==> flow/design.v <==
module gen_mul_rtl #(
  parameter int W = 6
) (
  input logic clk,
  input logic valid,
  input logic [W-1:0] dataa_i,
  input logic [W-1:0] datab_i,
  output logic [2*W-1:0] q_o
);
  logic [W-1:0] dataa_ff;
  logic [W-1:0] datab_ff;
  always_ff @(posedge clk) begin
    if (valid) begin
      dataa_ff <= dataa_i;
      datab_ff <= datab_i;
      q_o <= dataa_ff * datab_ff;
    end
  end
endmodule
# --- Tool chain data of gen_mul_rtl ---
# Tool output for the members of one design family, told apart by "W", in the order of the flow.
# The file above is the member W 6. Line numbers count from 1 in each member's own file.
# Library cell names are shortened.
design:
  top_module: "gen_mul_rtl"
  clock: "clk"
  cell_library: "sky130hd"
  lib_corner: "tt_025C_1v80"

# --- Members of the sweep ---
# New or changed lines of each further member against the RTL above, in its own file; lines it lacks are not shown.
changed_lines:
  columns: ["W", "line_no", "source"]
  rows:
  - [8, 2, "parameter int W = 8"]
  - [11, 2, "parameter int W = 11"]

# --- Elaborated design ---
# Source: Yosys, flattened and elaborated, memories not mapped. Widths are those after wreduce; folded enables and synchronous resets count as part of the registers. Registers that Yosys merges into a memory's read port (data or address) are not register bits. Print and check cells do not count. Equal cells are merged and count once.
op_classes:
  columns: ["W", "n_mul"]
  rows:
  - [6, 1]
  - [8, 1]
  - [11, 1]
op_table:
  columns: ["W", "operators"]
  rows:
  - [6, "1 x multiplier 6 x 6 -> 12 bit"]
  - [8, "1 x multiplier 8 x 8 -> 16 bit"]
  - [11, "1 x multiplier 11 x 11 -> 22 bit"]
word_totals:
  columns: ["W", "ff_bits", "in_bits", "output_inout_bits", "wordCells"]
  rows:
  - [6, 24, 14, 12, 4]
  - [8, 32, 18, 16, 4]
  - [11, 44, 24, 22, 4]

# --- Logic depth ---
# Longest topological path by Yosys (ltp), each cell counted once; first at word level (registers and memories cut), then after technology mapping (sequential cells cut; the memories' decode and read muxes count).
logic_depth:
  columns: ["W", "ltp_word", "ABC_AREA", "depth_mapped", "ltp_nobuf"]
  rows:
  - [6, 1, 0, 12, 12]
  - [8, 1, 0, 15, 15]
  - [11, 1, 0, 19, 18]

# --- Mapped cells and area ---
# The flow's flattened synthesis, as Yosys stat reports it; memories are mapped. The netlist is that of the ABC_AREA named above (0 if unset); the other value can give another one.
mapped:
  columns: ["W", "cell_count", "mapped_area_um2", "seqArea_um2", "ff_cells", "n_buf"]
  rows:
  - [6, 155, 1820.5, 720.7, 24, 0]
  - [8, 275, 3067.9, 960.9, 32, 0]
  - [11, 547, 5524.0, 1321.3, 44, 25]
by_type:
  columns: ["W", "cell_types"]
  rows:
  - [6, "24 x edfxtp_1; 17 x fa_1; 20 x ha_1; 27 x and2_1; 26 x inv_1; 12 x nand2_1; 5 x xnor2_1; 7 x a21oi_1; 1 x a2111o_1; 3 x nor2_1; 1 x mux2i_1; 1 x nor3_2; 1 x nand4b_1; 1 x o21ai_2; 1 x xor2_1; 1 x a211oi_1; 1 x a21o_1; 1 x o21bai_1; [+5]"]
  - [8, "32 x edfxtp_1; 36 x fa_1; 36 x ha_1; 47 x and2_1; 49 x inv_1; 23 x nand2_1; 7 x xnor2_1; 4 x xor2_1; 4 x o21a_1; 3 x a211o_1; 5 x a21oi_1; 6 x nor2_1; 3 x and3_1; 1 x a221oi_2; 2 x o211ai_1; 1 x a211oi_2; 2 x nor2b_1; 1 x nor3b_2; [+13]"]
  - [11, "80 x fa_1; 44 x edfxtp_1; 60 x ha_1; 107 x inv_1; 62 x and2_1; 70 x nand2_1; 19 x a21oi_1; 10 x xnor2_1; 22 x clkbuf_1; 6 x xor2_1; 5 x a21o_1; 7 x nand3_1; 8 x nor2_1; 3 x a21o_2; 4 x nand2b_1; 3 x a211oi_1; 3 x buf_4; 3 x o211ai_1; [+31]"]
# A list marked [+n] leaves out that many cells.

# --- Timing after synthesis ---
# Path of least setup slack by OpenSTA after synthesis, without wires, with an ideal clock, recovery checks aside; 20% of the period is set as input and as output delay. Where synthesis merged equal registers, the netlist keeps one of their names.
synth_path:
  columns: ["W", "path_kind", "start", "end", "clock_period_ns", "slack_ns", "stages", "path_delay_ns", "synth_period_reached_ns"]
  rows:
  - [6, "register -> register", "reg dataa_ff[3]", "reg q_o[10]", 4.4, 0.878, 12, 3.521, 3.522]
  - [8, "register -> register", "reg datab_ff[4]", "reg q_o[11]", 5.21, 1.042, 16, 4.169, 4.168]
  - [11, "register -> register", "reg datab_ff[5]", "reg q_o[20]", 6.01, 1.199, 19, 4.811, 4.811]
# "path_delay_ns" is the arrival time less input delay plus setup time.
# "stages" counts driving pins, that of a launching flip-flop among them; a cell with two outputs on the path counts twice.
# "synth_period_reached_ns" is the clock period less the worst setup slack; recovery checks do not enter. This is arithmetic on one report: input and output delays are still those of the set period (20% each).
# Between the ends stands the longest chain of elaborated cells between them, by number of cells; it is not shown to be the way that was timed. Of several equally long chains one is given.
# Each line given opens the expression or statement behind the cell; cells for indexed reads and writes are added by Yosys, which also makes memories of some case tables.
synth_via_W_6:
  elab_chain_len: 1
synth_lines_W_6:
  columns: ["item", "line_no", "source"]
  rows:
  - ["start: declaration", 10, "logic [W-1:0] dataa_ff;"]
  - ["start: assignment", 14, "dataa_ff <= dataa_i;"]
  - ["multiplier 6 x 6 -> 12 bit", 16, "q_o <= dataa_ff * datab_ff;"]
  - ["end: assignment", 16, null]
  - ["end: declaration", 8, "output logic [2*W-1:0] q_o"]
synth_via_W_11:
  elab_chain_len: 1
synth_lines_W_11:
  columns: ["item", "line_no", "source"]
  rows:
  - ["start: declaration", 11, "logic [W-1:0] datab_ff;"]
  - ["start: assignment", 15, "datab_ff <= datab_i;"]
  - ["multiplier 11 x 11 -> 22 bit", 16, "q_o <= dataa_ff * datab_ff;"]
  - ["end: assignment", 16, null]
  - ["end: declaration", 8, "output logic [2*W-1:0] q_o"]

# --- Path in the finished layout ---
# From the final timing report of the run of each member: the path of least setup slack in the routed layout; clock arrival at registers is part of the times.
layout_path:
  columns: ["W", "path_kind", "start", "end", "clock_period_ns", "slack_ns", "stages", "arrival_ns"]
  rows:
  - [6, "register -> register", "reg dataa_ff[3]", "reg q_o[10]", 4.4, 0.60, 12, 3.82]
  - [8, "register -> register", "reg datab_ff[4]", "reg q_o[11]", 5.21, 0.81, 16, 4.46]
  - [11, "register -> register", "reg dataa_ff[5]", "reg q_o[15]", 6.01, 0.57, 18, 5.48]

# --- Flow runs ---
# One run of the flow (Yosys, OpenROAD) for each member, with settings and measured results. Input and output delays are each 20% of the period that was set; the output load is 0.01 pF.
flow_settings:
  CAP_MARGIN: 20
  CORE_MARGIN: 2
  CORE_UTILIZATION: 40
  SLEW_MARGIN: 20
settings_by_member:
  columns: ["W", "period_ns"]
  rows:
  - [6, 4.4]
  - [8, 5.21]
  - [11, 6.01]
results:
  columns: ["W", "yosys.chip_area_um2", "final_die_area_um2", "post_route_stdcell_area_um2", "setup_ws_ns", "fin_tns_ns"]
  rows:
  - [6, 1820.5, 5106.5, 2180.8, 0.605, 0.000]
  - [8, 3067.9, 8386.0, 3622.2, 0.808, 0.000]
  - [11, 5524.0, 14765.9, 6302.3, 0.565, 0.000]
